==> flow/design.v <==
module u_mul_unit #(
   parameter DATA_WIDTH = 9
) (
   input  clock,
   input  aresetn,
   input  [DATA_WIDTH-1:0] first,
   input  [DATA_WIDTH-1:0] second,
   input  [2*DATA_WIDTH-1:0] third,
   output [2*DATA_WIDTH:0] m
);
   reg [DATA_WIDTH-1:0] first_ff;
   reg [DATA_WIDTH-1:0] second_ff;
   reg [2*DATA_WIDTH-1:0] third_ff;
   always @(posedge clock) begin
      if (!aresetn) begin
         first_ff <= 0;
         second_ff <= 0;
         third_ff <= 0;
      end else begin
         first_ff <= first;
         second_ff <= second;
         third_ff <= third;
      end
   end
   assign m = first_ff * second_ff + third_ff;
endmodule
From RTL to reports: u_mul_unit

Tool output for the design above, in the order of the flow.
Lines are those of the file above, counted from 1.
Operators: Yosys type, input widths -> output width; for muxes data width and select width s.
Cell names lack the library's common part.
The mark -- stands for no value.

Top: u_mul_unit
Clock port: clock
Library: sky130hd
Corner: tt_025C_1v80

Elaborated design

Source: Yosys, flattened and elaborated, memories not mapped. Widths are those after wreduce; folded enables and synchronous resets count as part of the registers. Registers that Yosys merges into a memory's read port (data or address) are not register bits. Print and check cells do not count. Equal cells are merged and count once.

$add $sub $neg: 1
Multiply operators: 1
Div/mod/pow operators: 0
$lt $le $gt $ge: 0
Eq/ne operators: 0
Shift-type cells: 0
Mux-type cells: 0
Bitwise operators: 0
Reduce/logical cells: 0

Operator list:

| cell           | number |
| $mul 9x9->18   | 1 |
| $add 18x18->19 | 1 |

Bits in registers: 36
Bits in latches: 0
RAM bits: 0
ROM bits: 0
Word width x clocked read ports: 0
Memories kept: 0
Input port bits: 38
Output and inout port bits: 19
Elaborated cells: 5

Longest topological paths

Yosys ltp: most cells in a row. Word level: on the elaborated netlist, between registers, memories and ports. Mapped: between sequential cells and ports; inverters and the memories' decode and read muxes count.

Depth after elaboration: 2
ABC_AREA: 0
Gate-level depth with buffers: 19
Depth with buffers taken out: 17

Mapped cells and area

The flow's flattened synthesis, as Yosys stat reports it; memories are mapped. The netlist is that of the ABC_AREA named above (0 if unset); the other value can give another one.

Cell types:

| cell type | number | area in all (um^2) |
| fa_1      | 64     | 1.28E+03 |
| dfxtp_1   | 36     | 720.691 |
| ha_1      | 49     | 613.088 |
| and2_1    | 87     | 544.272 |
| inv_1     | 98     | 367.853 |
| nand2_1   | 42     | 157.651 |
| a21oi_1   | 13     | 65.062 |
| xnor2_1   | 7      | 61.309 |
| xor2_1    | 7      | 61.309 |
| nor3_2    | 4      | 40.038 |
| nand3_1   | 7      | 35.034 |
| a21o_1    | 4      | 30.029 |
| o21ai_0   | 6      | 30.029 |
| a211oi_2  | 2      | 25.024 |
| clkbuf_1  | 6      | 22.522 |
| o211ai_1  | 3      | 22.522 |
| nand3b_4  | 1      | 20.019 |
| and3_1    | 3      | 18.768 |

Not listed: further types 20, cells in them 28.

Standard cells after synthesis: 467
Chip area (Yosys): 0.0043442 mm^2
Sequential part of the area: 0.0007207 mm^2
Flip-flop cells: 36
Buffer cells: 8

Timing after synthesis

Path of least setup slack by OpenSTA after synthesis, without wires, with an ideal clock, recovery checks aside; 20% of the period is set as input and as output delay. Where synthesis merged equal registers, the netlist keeps one of their names.

Path kind: reg-to-output
From: register second_ff[0]
To: output port m[12]
Period: 7280 ps
Time at the first pin: 0 ps
Data arrival time: 4657 ps
Data required time: 5824 ps
Slack: 1167 ps
Delay of the path: 4657 ps
Stages: 19
Path buffers: 1
Synthesis period reached: 6113 ps

"delay of the path" = arrival - input delay + setup time.
A path that ends at an output port has no setup time.
"stages" counts driving pins, that of a launching flip-flop among them; a cell with two outputs on the path counts twice.
"synthesis period reached" is the clock period less the worst setup slack; recovery checks do not enter. This is arithmetic on one report: input and output delays are still those of the set period (20% each).
The rows between start and end are the longest chain of elaborated cells between them; the timing report does not say that the signal goes this way. Where chains are equally long, one stands for them.
A line is the first line of the expression or statement that the cell stems from. Yosys adds cells for indexed reads and writes and turns some case tables into memories.

Cells stage by stage: dfxtp_1 > clkbuf_1 > nand2_1 > fa_1 > inv_1 > fa_1 > inv_1 > fa_1 > inv_1 > fa_1 > inv_1 > fa_1 > inv_1 > ha_1 > a21oi_2 > a21boi_1 > a21o_1 > a41oi_2 > xnor2_1
Length of the longest elaborated chain: 2
Elaborated cells on any way between the ends: 2

Ends and longest elaborated chain, after synthesis:

| element         | line | source |
| start, declared | 12   | `reg [DATA_WIDTH-1:0] second_ff;` |
| start, assigned | 17   | `second_ff <= 0;` |
| start, assigned | 21   | `second_ff <= second;` |
| $mul 9x9->18    | 25   | `assign m = first_ff * second_ff + third_ff;` |
| $add 18x18->19  | 25   |  |
| end, declared   | 9    | `output [2*DATA_WIDTH:0] m` |

Path in the finished layout

Path of least setup slack in the final report of stored run 1 (OpenROAD, finished layout, wires in). Where an end is a register, its clock arrival counts in the times.
The report prints the path's times to 10 ps; the period is as set.

Path kind: reg-to-output
From: register second_ff[2]
To: output port m[12]
Period: 7280 ps
Time at the first pin: 270 ps
Data arrival time: 5550 ps
Data required time: 5820 ps
Slack: 270 ps
Stages: 19
Path buffers: 1

The rows between start and end are the longest chain of elaborated cells between them; the timing report does not say that the signal goes this way. Where chains are equally long, one stands for them.

Cells stage by stage: dfxtp_1 > nand2_1 > fa_1 > inv_1 > fa_1 > inv_1 > fa_1 > inv_1 > fa_1 > inv_1 > fa_1 > inv_1 > ha_1 > a21oi_2 > o211ai_2 > a21o_1 > a41oi_2 > xnor2_1 > clkdlybuf4s50_1
Length of the longest elaborated chain: 2
Elaborated cells on any way between the ends: 2

Ends and longest elaborated chain, after layout:

| element         | line | source |
| start, declared | 12   | `reg [DATA_WIDTH-1:0] second_ff;` |
| start, assigned | 17   | `second_ff <= 0;` |
| start, assigned | 21   | `second_ff <= second;` |
| $mul 9x9->18    | 25   | `assign m = first_ff * second_ff + third_ff;` |
| $add 18x18->19  | 25   |  |
| end, declared   | 9    | `output [2*DATA_WIDTH:0] m` |

Top module u_mul_unit; platform sky130hd; tools Yosys and OpenROAD; 3 stored runs in no particular order. Input and output delays are each 20% of the period that was set; the output load is 0.01 pF.
"clock period reached" means the clock period less the worst setup slack. The figure is calculated, with input and output delays left at 20% of the set period.
"critical setup path time": the worst setup path's part of the clock period (all of it between registers, 20% less for each end at a port) less its slack. A launch clock that arrives late makes it longer, a capture clock that arrives late makes it shorter.
"total power of the final layout" rests on the timing tool's default activity at the inputs, not on a simulated workload.
"critical setup path time" is known to 10 ps.
Among the settings, n/a means not set for that run.

| name                                                     | stored run 1  | stored run 2  | stored run 3  |
| period_ns                                                | 7.28          | 10.8          | 4.92          |
| CAP_MARGIN                                               | 20            | 20            | 20            |
| CORE_MARGIN                                              | 2             | 6             | 2             |
| CORE_UTILIZATION                                         | 40            | 18            | 46            |
| SLEW_MARGIN                                              | 20            | 20            | 20            |
| SETUP_SLACK_MARGIN                                       | n/a           | 0.32          | n/a           |
| HOLD_SLACK_MARGIN                                        | n/a           | 0.08          | n/a           |
| CELL_PAD_IN_SITES_DETAIL_PLACEMENT                       | n/a           | 1             | n/a           |
| GPL_TIMING_DRIVEN                                        | n/a           | 0             | 0             |
| GPL_ROUTABILITY_DRIVEN                                   | n/a           | 0             | n/a           |
| MAX_ROUTING_LAYER                                        | n/a           | met5          | n/a           |
| CORE_ASPECT_RATIO                                        | n/a           | n/a           | 0.76          |
| CELL_PAD_IN_SITES_GLOBAL_PLACEMENT                       | n/a           | n/a           | 0             |
| TNS_END_PERCENT                                          | n/a           | n/a           | 25            |
| CTS_CLUSTER_DIAMETER                                     | n/a           | n/a           | 44            |
| clock period reached (ps)                                | 7007          | 8076          | 5764          |
| area of the die (mm^2)                                   | 0.0117105     | 0.028006      | 0.0102445     |
| worst setup slack after layout (ps)                      | 273           | 2724          | -844          |
| final worst hold slack (ps)                              | 1713          | 2435          | 1252          |
| total power of the final layout (mW)                     | 0.7362        | 0.5511        | 1.304         |
| critical setup path time (ps)                            | 5550          | 5920          | 4780          |
| critical path kind                                       | reg-to-output | reg-to-output | reg-to-output |
| utilization (%)                                          | 48.4          | 23.1          | 63.3          |
| post-route setup TNS (ps)                                | 0             | 0             | -9162         |
| synthesis area (mm^2)                                    | 0.0043442     | 0.0043442     | 0.0043442     |
| area of the standard cells in the finished layout (mm^2) | 0.0051812     | 0.0054477     | 0.0057267     |
